==> flow/design.v <==
module u_storage (i_clk, nrst, valid, i_load, i_wr_addr, i_wr_data, i_rd_idx_a, i_rd_idx_b, o_dout_a, o_dout_b);
    parameter NUM_REGS = 96;
    parameter BITS = 2;
    localparam AWIDTH = $clog2(NUM_REGS);
    input i_clk;
    input nrst;
    input valid;
    input i_load;
    input [AWIDTH-1:0] i_wr_addr;
    input [BITS-1:0] i_wr_data;
    input [AWIDTH-1:0] i_rd_idx_a;
    input [AWIDTH-1:0] i_rd_idx_b;
    output [BITS-1:0] o_dout_a;
    output [BITS-1:0] o_dout_b;
    reg [BITS-1:0] ram [0:NUM_REGS-1];
    always @(posedge i_clk) begin
        if (valid && i_load && i_wr_addr != 0)
            ram[i_wr_addr] <= i_wr_data;
    end
    reg [BITS-1:0] dout_a_ff;
    assign o_dout_a = dout_a_ff;
    reg [BITS-1:0] dout_b_ff;
    assign o_dout_b = dout_b_ff;
    always @(posedge i_clk or negedge nrst) begin
        if (~nrst) begin
            dout_a_ff <= 0;
            dout_b_ff <= 0;
        end else if (valid) begin
            dout_a_ff <= (i_rd_idx_a == 0) ? {BITS{1'b0}} : ram[i_rd_idx_a];
            dout_b_ff <= (i_rd_idx_b == 0) ? {BITS{1'b0}} : ram[i_rd_idx_b];
        end
    end
endmodule
## From RTL to reports: u_storage

What the tools print for u_storage, step after step.
Lines are those of the file above, counted from 1.
Cell names lack the library's common part.
A cell with - has no value.

| inputs | value |
|---|---|
| design top | u_storage |
| clock input | i_clk |
| library | sky130hd |
| corner | tt_025C_1v80 |

## After elaboration

Yosys after proc, flatten, opt, wreduce and memory -nomap, before mapping. Enables and synchronous resets that opt folds into registers are not counted as muxes. Memory bits, and registers merged into a memory's read port (data or address), are not among the register bits. Print and check cells are not counted. Equal cells are merged and count once.
Memory sizes are those after Yosys's memory passes, which may raise the word count (mostly to a power of two), join words into wider ones and drop unused or constant bits.

| bit counts | value |
|---|---|
| bits in registers | 4 |
| input bits | 27 |
| elaborated cells | 13 |
| memories kept | 1 |
| memory bits (writable) | 192 |
| bits in latches | 0 |
| output and inout bits | 4 |
| word width x clocked read ports | 0 |
| memory bits (read-only) | 0 |

| operators by class | value |
|---|---|
| magnitude comparators | 0 |
| reduce/logical cells | 5 |
| add/subtract/negate cells | 0 |
| multiplexer cells | 5 |
| shift-type cells | 0 |
| divide/modulo/power cells | 0 |
| bitwise gates (word level) | 0 |
| equal/unequal tests | 0 |
| $mul | 0 |

Memory list:

| memory | words | bits a word | read ports | write ports | RTL line | source |
|---|---|---|---|---|---|---|
| ram | 96 | 2 | 2 | 1 | 15 | `reg [BITS-1:0] ram [0:NUM_REGS-1];` |

Operators by type and width:

| cell | count |
|---|---|
| logical NOT 7 bit | 2 |
| nonzero test 7 bit | 1 |
| two-way mux 7 bit | 1 |
| two-way mux 2 bit | 3 |
| logical AND 1 bit | 2 |
| two-way mux 1 bit | 1 |

## Longest topological paths

Longest topological path by Yosys (ltp), each cell counted once; first at word level (registers and memories cut), then after technology mapping (sequential cells cut; the memories' decode and read muxes count).

| logic depth | value |
|---|---|
| depth in word-level cells | 3 |
| ABC_AREA | 0 |
| mapped depth | 9 |
| mapped depth without buffers | 6 |

## Netlist

Yosys stat after the flow's synthesis: flattened, memories mapped to cells. It holds for the ABC_AREA given above (unset counts as 0); a run with the other value may have another netlist.

| mapped netlist | value |
|---|---|
| flip-flops | 196 |
| buffers | 46 |
| cell count | 593 |
| chip area (Yosys) | 9844.4 µm² |
| sequential part of the area | 5865.6 µm² |

Cell types:

| cell | count | total area (µm²) |
|---|---|---|
| edfxtp_1 | 192 | 5765.53 |
| mux4_2 | 83 | 1.87E+03 |
| mux4_1 | 18 | 472.954 |
| nor2_1 | 105 | 394.128 |
| mux2i_1 | 13 | 130.125 |
| nor2b_1 | 19 | 118.864 |
| dfrtp_1 | 4 | 100.096 |
| buf_2 | 18 | 90.086 |
| nand2_1 | 23 | 86.333 |
| nand3_1 | 14 | 70.067 |
| mux2_2 | 6 | 67.565 |
| clkbuf_1 | 16 | 60.058 |
| buf_4 | 7 | 52.55 |
| nand3b_1 | 7 | 52.55 |
| a211oi_1 | 6 | 45.043 |
| buf_12 | 2 | 40.038 |
| a2111oi_0 | 4 | 35.034 |
| or4_1 | 4 | 30.029 |

Other cell types: 29; their cells: 52.

## Timing after synthesis

OpenSTA on the mapped netlist: ideal clock, no wires. The path of least setup slack (recovery checks aside). Input and output delay are each 20% of the period. Register names are those of the netlist, which keeps one name where synthesis merged equal registers.

| path post-synthesis | value |
|---|---|
| path type | input to register |
| start | input port i_rd_idx_a[1] |
| end | register dout_a_ff[1] |
| external input delay | 576 ps |
| path slack | 459 ps |
| time at the first pin | 576 ps |
| buffers on the path | 3 |
| driving pins on the path | 8 |
| clock period | 2880 ps |
| required time | 2725 ps |
| path delay | 1845 ps |
| arrival | 2266 ps |
| library setup time | 155 ps |
| period reached after synthesis | 2421 ps |

"path delay" is the arrival time less input delay plus setup time.
"driving pins on the path" counts driving pins, that of a launching flip-flop among them; a cell with two outputs on the path counts twice.
"period reached after synthesis" = period - worst setup slack (recovery checks aside). The figure is calculated, with input and output delays left at 20% of the set period.
Between the ends stands the longest chain of elaborated cells between them, by number of cells; it is not shown to be the way that was timed. Of several equally long chains one is given.
A line is the first line of the expression or statement that the cell stems from. Yosys adds cells for indexed reads and writes and turns some case tables into memories.
The chain passes a memory read, where the word-level depth is cut; so it can be longer than that depth.

| on the way, post-synthesis | value |
|---|---|
| cells stage by stage | buf_2 -> buf_2 -> buf_4 -> mux4_2 -> a2111oi_0 -> nor4b_1 -> a32oi_1 -> o221ai_1 |
| cells in the longest elaborated chain | 2 |
| elaborated cells on any way between the ends | 3 |
| source lines of those cells | 2 |
| those cells by class | 1 x mux; 1 x reduce/logical; 1 x memory |

Ends and longest elaborated chain, post-synthesis:

| item | RTL line | source |
|---|---|---|
| start, declared | 11 | `input [AWIDTH-1:0] i_rd_idx_a;` |
| memory (96 x 2 bit) | 15 | `reg [BITS-1:0] ram [0:NUM_REGS-1];` |
| two-way mux 2 bit | 29 | `dout_a_ff <= (i_rd_idx_a == 0) ? {BITS{1'b0}} : ram[i_rd_idx_a];` |
| end, assigned | 26 | `dout_a_ff <= 0;` |
| end, assigned | 29 |  |
| end, declared | 20 | `reg [BITS-1:0] dout_a_ff;` |

## Path in the finished layout

Path of least setup slack in the final report of run 1 (OpenROAD, finished layout, wires in). Where an end is a register, its clock arrival counts in the times.
The path's times are printed in steps of 10 ps; the period is the one set.

| path after layout | value |
|---|---|
| path type | input to register |
| start | input port i_rd_idx_a[1] |
| end | register dout_a_ff[1] |
| driving pins on the path | 9 |
| time at the first pin | 520 ps |
| path slack | 40 ps |
| buffers on the path | 4 |
| arrival | 2830 ps |
| external input delay | 520 ps |
| clock period | 2580 ps |
| required time | 2870 ps |
| library setup time | 140 ps |

Between the ends stands the longest chain of elaborated cells between them, by number of cells; it is not shown to be the way that was timed. Of several equally long chains one is given.
The chain passes a memory read, where the word-level depth is cut; so it can be longer than that depth.

| on the way, after layout | value |
|---|---|
| cells stage by stage | buf_2 -> clkbuf_4 -> clkbuf_4 -> buf_2 -> mux4_2 -> nand3_1 -> o2111ai_1 -> a32oi_1 -> o221ai_1 |
| cells in the longest elaborated chain | 2 |
| elaborated cells on any way between the ends | 3 |
| source lines of those cells | 2 |
| those cells by class | 1 x mux; 1 x reduce/logical; 1 x memory |

Ends and longest elaborated chain, after layout:

| item | RTL line | source |
|---|---|---|
| start, declared | 11 | `input [AWIDTH-1:0] i_rd_idx_a;` |
| memory (96 x 2 bit) | 15 | `reg [BITS-1:0] ram [0:NUM_REGS-1];` |
| two-way mux 2 bit | 29 | `dout_a_ff <= (i_rd_idx_a == 0) ? {BITS{1'b0}} : ram[i_rd_idx_a];` |
| end, assigned | 26 | `dout_a_ff <= 0;` |
| end, assigned | 29 |  |
| end, declared | 20 | `reg [BITS-1:0] dout_a_ff;` |

# Flow runs of u_storage

Flow measurements of u_storage on sky130hd: 3 stored runs with different settings, listed in no order. Input and output delays are each 20% of the period that was set; the output load is 0.01 pF.
"worst path time" is the time allowed to the run's worst setup path (the clock period less input and output delay, where it has them) less its slack. Clock arrival times count: a late capture clock shortens it, a late launch clock lengthens it.
"worst path time" is given in steps of 10 ps.
A setting shown as - is not set for that run.

| run | period_ns | CORE_UTILIZATION | SETUP_SLACK_MARGIN | PLACE_DENSITY_LB_ADDON | CORE_ASPECT_RATIO | TNS_END_PERCENT | GPL_TIMING_DRIVEN | CTS_CLUSTER_SIZE | CAP_MARGIN | SLEW_MARGIN | CORE_MARGIN | CELL_PAD_IN_SITES_GLOBAL_PLACEMENT | ABC_AREA | MAX_ROUTING_LAYER | netlist area reported by Yosys (µm²) | die area (µm²) | standard-cell area after layout (µm²) | utilization after layout (%) | worst slack on setup checks (ps) | post-route setup TNS (ps) | worst path time (ps) | class of the worst setup path |
|---|---|---|---|---|---|---|---|---|---|---|---|---|---|---|---|---|---|---|---|---|---|---|
| run 1 | 2.58 | 67 | -0.04 | 0.29 | 0.59 | 55 | 0 | 50 | 25 | 35 | 2 | - | - | - | 9844.4 | 15712.6 | 11089.4 | 78.5 | 39 | 0 | 2020 | input to register |
| run 2 | 2.88 | 40 | - | - | - | - | - | - | 20 | 20 | 2 | - | - | - | 9844.4 | 25882.4 | 11293.3 | 46.6 | 381 | 0 | 1920 | input to register |
| run 3 | 2.35 | 66 | - | 0.26 | - | 65 | 1 | - | 20 | 25 | 2 | 1 | 0 | met4 | 9844.4 | 15908.8 | 11413.4 | 78.5 | 88 | 0 | 1790 | input to register |
